==> flow/design.v <==
module ex_rf_rtl #(
    parameter NWORDS = 64,
    parameter W = 8,
    parameter ADDR_WIDTH = $clog2(NWORDS)
) (
    input  clock,
    input  wr,
    input  [ADDR_WIDTH-1:0] wr_addr,
    input  [W-1:0] wr_data,
    input  [ADDR_WIDTH-1:0] raddr1,
    input  [ADDR_WIDTH-1:0] raddr2,
    output [W-1:0] q1,
    output [W-1:0] q2
);
    reg wr_r;
    reg [ADDR_WIDTH-1:0] wr_addr_r;
    reg [W-1:0] wr_data_r;
    reg [W-1:0] ram [NWORDS-1:0];
    always @(posedge clock) begin
        if (wr_r)
            ram[wr_addr_r] <= wr_data_r;
    end
    reg [ADDR_WIDTH-1:0] raddr1_r;
    reg [ADDR_WIDTH-1:0] raddr2_r;
    assign q1 = (wr_r && wr_addr_r == raddr1_r) ? wr_data_r : ram[raddr1_r];
    assign q2 = (wr_r && wr_addr_r == raddr2_r) ? wr_data_r : ram[raddr2_r];
    always @(posedge clock) begin
        wr_r <= wr;
        wr_addr_r <= wr_addr;
        wr_data_r <= wr_data;
        raddr1_r <= raddr1;
        raddr2_r <= raddr2;
    end
endmodule
# == Step by step through the tools: ex_rf_rtl ==
# Tool output for the members of one design family, told apart by "W", in the order of the flow.
# The RTL above is that of W 8; lines are counted from 1 in the file of the member named.
# Not given: --
# setup
top,ex_rf_rtl
clk_port,clock
lib,sky130hd
pvt_corner,tt_025C_1v80

# == Members of the sweep ==
# New or changed lines of each further member against the RTL above, in its own file; lines it lacks are not shown.
# src_changes
W,line,text
12,3,"parameter W = 12,"
20,3,"parameter W = 20,"

# == Elaborated design ==
# Counts by Yosys on the flattened word-level netlist (proc, flatten, opt, wreduce; memories kept). Print and check cells are left out. Cells with the same type and inputs are merged into one.
# Memory sizes are those after Yosys's memory passes, which may raise the word count (mostly to a power of two), join words into wider ones and drop unused or constant bits.
# op_classes
W,eq_ne,mux,reduce_logical
8,2,5,2
12,2,5,2
20,2,5,2
# op_table
W,operators
8,2-to-1 mux 8 bit: 3; equality test 6 bit: 2; 2-to-1 mux 6 bit: 1; logical AND 1 bit: 2; 2-to-1 mux 1 bit: 1
12,2-to-1 mux 12 bit: 3; equality test 6 bit: 2; 2-to-1 mux 6 bit: 1; logical AND 1 bit: 2; 2-to-1 mux 1 bit: 1
20,2-to-1 mux 20 bit: 3; equality test 6 bit: 2; 2-to-1 mux 6 bit: 1; logical AND 1 bit: 2; 2-to-1 mux 1 bit: 1
# bits
W,register_bits,ramBits,clocked_rd_ports_x_width,memories,inputBits,output_inout_bits,elab_cells
8,27,512,16,1,28,16,15
12,31,768,24,1,32,24,15
20,39,1280,40,1,40,40,15
# mem_list
W,mem_shapes
8,ram 64 x 8 bit 2R1W
12,ram 64 x 12 bit 2R1W
20,ram 64 x 20 bit 2R1W

# == Depth ==
# Yosys ltp: most cells in a row. Word level: on the elaborated netlist, between registers, memories and ports. Mapped: between sequential cells and ports; inverters and the memories' decode and read muxes count.
# logic_depth
W,ltp_word,abc_area,ltp_mapped,mapped_depth_nobuf
8,3,0,10,6
12,3,0,10,5
20,3,0,11,6

# == Mapped cells and area ==
# Yosys stat after the flow's synthesis: flattened, memories mapped to cells. It holds for the ABC_AREA given above (unset counts as 0); a run with the other value may have another netlist.
# synth_totals
W,cells,area_mm2,seqArea_mm2,ff_cells,buf_cells
8,1522,0.0252767,0.0159153,539,119
12,2006,0.0371294,0.0236827,799,159
20,3885,0.0615828,0.0392176,1319,310
# by_type
W,type_list
8,sky130_fd_sc_hd__edfxtp_1: 512; sky130_fd_sc_hd__mux4_2: 146; sky130_fd_sc_hd__mux2i_1: 257; sky130_fd_sc_hd__a22oi_1: 103; sky130_fd_sc_hd__dfxtp_1: 27; sky130_fd_sc_hd__nor2_1: 89; sky130_fd_sc_hd__nand3_1: 48; sky130_fd_sc_hd__mux4_1: 8; sky130_fd_sc_hd__buf_4: 25; sky130_fd_sc_hd__nand2_1: 46; sky130_fd_sc_hd__clkbuf_1: 45; sky130_fd_sc_hd__buf_2: 32; sky130_fd_sc_hd__a21oi_1: 25; sky130_fd_sc_hd__mux2_2: 10; sky130_fd_sc_hd__a221oi_1: 10; sky130_fd_sc_hd__o21ai_0: 16; sky130_fd_sc_hd__a211oi_1: 10; sky130_fd_sc_hd__o211ai_1: 10; [+103]
12,sky130_fd_sc_hd__edfxtp_1: 768; sky130_fd_sc_hd__mux4_2: 257; sky130_fd_sc_hd__mux2i_1: 245; sky130_fd_sc_hd__a22oi_1: 143; sky130_fd_sc_hd__mux4_1: 26; sky130_fd_sc_hd__dfxtp_1: 31; sky130_fd_sc_hd__nor2_1: 75; sky130_fd_sc_hd__buf_2: 56; sky130_fd_sc_hd__nand3_1: 54; sky130_fd_sc_hd__o22ai_1: 41; sky130_fd_sc_hd__buf_4: 29; sky130_fd_sc_hd__a221o_1: 20; sky130_fd_sc_hd__buf_12: 10; sky130_fd_sc_hd__a211o_1: 22; sky130_fd_sc_hd__buf_6: 16; sky130_fd_sc_hd__clkbuf_1: 41; sky130_fd_sc_hd__a211oi_1: 20; sky130_fd_sc_hd__nand4_1: 21; [+131]
20,sky130_fd_sc_hd__edfxtp_1: 1280; sky130_fd_sc_hd__mux2i_1: 940; sky130_fd_sc_hd__mux4_2: 198; sky130_fd_sc_hd__a22oi_1: 382; sky130_fd_sc_hd__dfxtp_1: 39; sky130_fd_sc_hd__nand2_1: 201; sky130_fd_sc_hd__buf_2: 136; sky130_fd_sc_hd__nand3_1: 121; sky130_fd_sc_hd__a21oi_1: 95; sky130_fd_sc_hd__clkbuf_1: 100; sky130_fd_sc_hd__a221oi_1: 39; sky130_fd_sc_hd__buf_4: 45; sky130_fd_sc_hd__a32oi_1: 36; sky130_fd_sc_hd__nor2_1: 74; sky130_fd_sc_hd__a41oi_1: 19; sky130_fd_sc_hd__a211oi_1: 21; sky130_fd_sc_hd__mux4_1: 6; sky130_fd_sc_hd__nand4_1: 22; [+131]
# A list marked [+n] leaves out that many cells.

# == Worst setup path after synthesis ==
# OpenSTA on the mapped netlist: ideal clock, no wires. The path of least setup slack (recovery checks aside). Input and output delay are each 20% of the period. Register names are those of the netlist, which keeps one name where synthesis merged equal registers.
# synth_path
W,path_type,startpoint,endpoint,clock_period_ns,slack_ns,stages,delay_ns,synth_period_reached_ns
8,reg-to-output,reg raddr1_r[2],out q1[0],3.11,0.498,7,1.990,2.612
12,reg-to-output,reg raddr2_r[2],out q2[2],2.97,0.472,9,1.904,2.498
20,reg-to-reg,reg wr_r,mem ram[48][0],3.51,0.702,5,2.808,2.808
# "delay_ns" = arrival - input delay + setup time.
# At an output port there is no setup time.
# "stages" counts driving pins, that of a launching flip-flop among them; a cell with two outputs on the path counts twice.
# "synth_period_reached_ns" = period - worst setup slack (recovery checks aside). The figure is calculated, with input and output delays left at 20% of the set period.
# Between the ends stands the longest chain of elaborated cells between them, by number of cells; it is not shown to be the way that was timed. Of several equally long chains one is given.
# Each line given opens the expression or statement behind the cell; cells for indexed reads and writes are added by Yosys, which also makes memories of some case tables.
# synth_via_W_8
elab_chain_cells,3
# synth_lines_W_8
item,line,text
"start, declared",23,reg [ADDR_WIDTH-1:0] raddr1_r;
"start, assigned",31,raddr1_r <= raddr1;
equality test 6 bit,25,assign q1 = (wr_r && wr_addr_r == raddr1_r) ? wr_data_r : ram[raddr1_r];
logical AND 1 bit,25,
2-to-1 mux 8 bit,25,
"end, declared",12,"output [W-1:0] q1,"
# W 20: Only ways into the end's enable, where the timed path ends, are counted here.
# synth_via_W_20
elab_chain_cells,1
# synth_lines_W_20
item,line,text
"start, declared",15,reg wr_r;
"start, assigned",28,wr_r <= wr;
2-to-1 mux 6 bit,20,if (wr_r)
"end, declared",18,reg [W-1:0] ram [NWORDS-1:0];

# == Worst path after layout ==
# From the final timing report of the run of each member: the path of least setup slack in the routed layout; clock arrival at registers is part of the times.
# layout_path
W,path_type,startpoint,endpoint,clock_period_ns,slack_ns,stages,arrival_time_ns,n_path_buf
8,reg-to-output,reg raddr1_r[2],out q1[2],3.11,-0.59,10,3.07,5
12,reg-to-output,reg raddr1_r[0],out q1[9],2.97,-0.70,13,3.07,7
20,reg-to-output,reg raddr1_r[2],out q1[4],3.51,-0.43,12,3.23,6

# == Layout results ==
# Settings and results of one run of the flow (Yosys, OpenROAD) for each member follow. The constraints put input and output delay at 20% of the set period each and load the outputs with 0.01 pF.
# flow_settings
CAP_MARGIN,20
CORE_MARGIN,2
CORE_UTILIZATION,40
SLEW_MARGIN,20
# settings_by_member
W,period_ns
8,3.11
12,2.97
20,3.51
# results
W,synth_chip_area_mm2,die_mm2,final_cell_area_mm2,final_setup_ws_ns,hold_ws_ns,total_power_uw,achieved_period_ns
8,0.0252767,0.0652189,0.0328903,-0.587,0.437,17870,3.697
12,0.0371294,0.0952772,0.0468725,-0.697,0.370,26046,3.667
20,0.0615828,0.157113,0.0785766,-0.427,0.357,36351,3.937
# "achieved_period_ns": clock period set for the run, less the worst setup slack. It is reckoned from that one timing run; input and output delays stay at 20% of the period that was set.
# By "total_power_uw" is meant OpenSTA's value without simulated activity: inputs other than the clock are taken to toggle once in ten clock periods, and the tool carries that through the logic.
